==> flow/design.v <==
module times #(
    parameter DW = 7,
    parameter G = 2
) (
    input  logic clk,
    input  logic [DW-1:0] opa,
    input  logic [DW-1:0] opb,
    input  logic load,
    output logic [2*DW+G-1:0] mul
);
    logic [DW-1:0] r_opa;
    logic [DW-1:0] r_opb;
    logic r_load;
    logic [2*DW-1:0] r_cur;
    logic r_load_d;
    logic [2*DW+G-1:0] acc;
    always_ff @(posedge clk) begin
        r_opa <= opa;
        r_opb <= opb;
        r_load <= load;
        r_cur <= r_opa * r_opb;
        r_load_d <= r_load;
        acc <= r_load_d ? r_cur : acc + r_cur;
    end
    assign mul = acc;
endmodule
### Tool chain data of times

What the tools print for times, step after step.
Lines are those of the file above, counted from 1.
Library cell names are shortened.
A cell with -- has no value.

| design | value |
|---|---|
| design top | times |
| clock | clk |
| cell library | sky130hd |
| library corner | tt_025C_1v80 |

### Word-level counts

Source: Yosys, flattened and elaborated, memories not mapped. Widths are those after wreduce; folded enables and synchronous resets count as part of the registers. Registers that Yosys merges into a memory's read port (data or address) are not register bits. Print and check cells do not count. Equal cells are merged and count once.

| storage and ports | value |
|---|---|
| bits in registers | 46 |
| input port bits | 16 |
| output and inout port bits | 16 |

| operators by class | value |
|---|---|
| add/sub/neg operators | 1 |
| multipliers | 1 |
| multiplexer cells | 1 |

Operators with widths:

| kind | count |
|---|---|
| multiplier 7 x 7 -> 14 bit | 1 |
| adder 16 x 14 -> 16 bit | 1 |
| two-way mux 14 bit | 1 |

### Logic depth

Longest topological path by Yosys (ltp), each cell counted once; first at word level (registers and memories cut), then after technology mapping (sequential cells cut; the memories' decode and read muxes count).

| logic depth | value |
|---|---|
| depth in word-level cells | 2 |
| ABC_AREA | 0 |
| depth in mapped cells | 16 |
| depth with buffers taken out | 16 |

### Netlist

The flow's flattened synthesis, as Yosys stat reports it; memories are mapped. The netlist is that of the ABC_AREA named above (0 if unset); the other value can give another one.
The area totals of this step are shown rounded.

Cells by type:

| type | count |
|---|---|
| dfxtp_1 | 46 |
| ha_1 | 46 |
| fa_1 | 25 |
| and2_1 | 33 |
| inv_1 | 39 |
| nand2_1 | 35 |
| xnor2_1 | 12 |
| a21oi_1 | 18 |
| xor2_1 | 7 |
| o21ai_0 | 11 |
| o21a_1 | 6 |
| nor2_1 | 10 |
| o21ai_1 | 5 |
| a21o_1 | 3 |
| mux2_2 | 2 |
| a211oi_4 | 1 |
| mux2i_1 | 2 |
| nand3_1 | 4 |

Not listed: further types 33, cells in them 44.

| synthesis totals | value |
|---|---|
| standard cells after synthesis | 349 |
| cell area after synthesis | 3400 um2 |
| area of sequential cells | 920 um2 |
| mapped flip-flops | 46 |

### Path before layout

OpenSTA on the mapped netlist: ideal clock, no wires. The path of least setup slack (recovery checks aside). Input and output delay are each 20% of the period. Register names are those of the netlist, which keeps one name where synthesis merged equal registers.

| path post-synthesis | value |
|---|---|
| path type | register to register |
| start point | register r_opa[3] |
| end point | register r_cur[13] |
| clock period | 5050 ps |
| library setup time | 72 ps |
| launch time at the first pin | 0 ps |
| arrival time | 3965 ps |
| required time | 4978 ps |
| path slack | 1013 ps |
| path delay | 4037 ps |
| stages on the path | 17 |
| buffers on the path | 0 |
| period reached after synthesis | 4037 ps |

"path delay" = arrival - input delay + setup time.
"stages on the path": output pins that drive a net of the path, with the launching flip-flop's if there is one; two outputs of one cell count as two.
"period reached after synthesis" = period - worst setup slack (recovery checks aside). The figure is calculated, with input and output delays left at 20% of the set period.
Between the ends stands the longest chain of elaborated cells between them, by number of cells; it is not shown to be the way that was timed. Of several equally long chains one is given.
A line is the first line of the expression or statement that the cell stems from. Yosys adds cells for indexed reads and writes and turns some case tables into memories.

| on the way, post-synthesis | value |
|---|---|
| cell sequence | dfxtp_1 -> and2_1 -> fa_1 -> inv_1 -> fa_1 -> inv_1 -> fa_1 -> inv_1 -> fa_1 -> inv_1 -> ha_1 -> o21a_1 -> o21a_1 -> o221ai_2 -> o21ai_1 -> a21oi_1 -> xnor2_1 |
| cells in the longest elaborated chain | 1 |
| elaborated cells on any way between the ends | 1 |
| those cells by class | mul: 1 |

RTL lines, path post-synthesis:

| what | line | source |
|---|---|---|
| start, declared | 11 | `logic [DW-1:0] r_opa;` |
| start, assigned | 18 | `r_opa <= opa;` |
| multiplier 7 x 7 -> 14 bit | 21 | `r_cur <= r_opa * r_opb;` |
| end, assigned | 21 |  |
| end, declared | 14 | `logic [2*DW-1:0] r_cur;` |

### Path in the finished layout

From the final timing report of run 1: the path of least setup slack in the routed layout; clock arrival at registers is part of the times.
The path's times are printed in steps of 10 ps; the period is the one set.

| path post-layout | value |
|---|---|
| path type | register to register |
| start point | register r_opa[3] |
| end point | register r_cur[13] |
| clock period | 5050 ps |
| library setup time | 60 ps |
| launch time at the first pin | 290 ps |
| arrival time | 4470 ps |
| required time | 5290 ps |
| path slack | 820 ps |
| stages on the path | 17 |
| buffers on the path | 0 |

Between the ends stands the longest chain of elaborated cells between them, by number of cells; it is not shown to be the way that was timed. Of several equally long chains one is given.

| on the way, post-layout | value |
|---|---|
| cell sequence | dfxtp_1 -> and2_1 -> fa_1 -> inv_1 -> fa_1 -> inv_1 -> fa_1 -> inv_1 -> fa_1 -> inv_1 -> ha_1 -> o21a_1 -> o21a_1 -> o221ai_2 -> o21ai_1 -> a21oi_1 -> xnor2_1 |
| cells in the longest elaborated chain | 1 |
| elaborated cells on any way between the ends | 1 |
| those cells by class | mul: 1 |

RTL lines, path post-layout:

| what | line | source |
|---|---|---|
| start, declared | 11 | `logic [DW-1:0] r_opa;` |
| start, assigned | 18 | `r_opa <= opa;` |
| multiplier 7 x 7 -> 14 bit | 21 | `r_cur <= r_opa * r_opb;` |
| end, assigned | 21 |  |
| end, declared | 14 | `logic [2*DW-1:0] r_cur;` |

==> results <==
Top module times; platform sky130hd; tools Yosys and OpenROAD; 3 stored runs in no particular order. Input and output delays are each 20% of the period that was set; the output load is 0.01 pF.
By "power consumption" is meant OpenSTA's value without simulated activity: inputs other than the clock are taken to toggle once in ten clock periods, and the tool carries that through the logic.
The results are shown rounded.

#### Run 1

| setting | value |
|---|---|
| period_ns | `5.05` |
| CAP_MARGIN | `20` |
| CORE_MARGIN | `2` |
| CORE_UTILIZATION | `40` |
| SLEW_MARGIN | `20` |

| result | value |
|---|---|
| total die area | 9200 um2 |
| worst setup slack after layout | 820 ps |
| power consumption | 2.1 mW |
| mapped cell area after synthesis | 3400 um2 |
| total negative setup slack | 0 ps |
| standard-cell area after layout | 3900 um2 |
| worst-case hold slack | 340 ps |

#### Run 2

| setting | value |
|---|---|
| period_ns | `2.5` |
| CORE_UTILIZATION | `51` |
| SETUP_SLACK_MARGIN | `-0.12` |
| CORE_MARGIN | `4` |
| CELL_PAD_IN_SITES_GLOBAL_PLACEMENT | `1` |
| TNS_END_PERCENT | `30` |
| ABC_AREA | `0` |
| GPL_TIMING_DRIVEN | `1` |
| GPL_ROUTABILITY_DRIVEN | `0` |
| CTS_CLUSTER_SIZE | `51` |
| CTS_CLUSTER_DIAMETER | `156` |
| CAP_MARGIN | `20` |
| SLEW_MARGIN | `20` |

| result | value |
|---|---|
| standard-cell area after layout | 4300 um2 |
| total negative setup slack | -11000 ps |
| worst setup slack after layout | -1400 ps |
| worst-case hold slack | 340 ps |
| mapped cell area after synthesis | 3400 um2 |
| power consumption | 4.7 mW |
| total die area | 8000 um2 |

#### Run 3

| setting | value |
|---|---|
| period_ns | `2.54` |
| CORE_UTILIZATION | `35` |
| PLACE_DENSITY_LB_ADDON | `0.25` |
| CORE_ASPECT_RATIO | `1.26` |
| ABC_AREA | `1` |
| GPL_TIMING_DRIVEN | `1` |
| CTS_CLUSTER_SIZE | `14` |
| CAP_MARGIN | `20` |
| CORE_MARGIN | `2` |
| SLEW_MARGIN | `20` |

| result | value |
|---|---|
| power consumption | 5.2 mW |
| total negative setup slack | -7500 ps |
| mapped cell area after synthesis | 3700 um2 |
| total die area | 11000 um2 |
| worst setup slack after layout | -970 ps |
| standard-cell area after layout | 4900 um2 |
| worst-case hold slack | 330 ps |
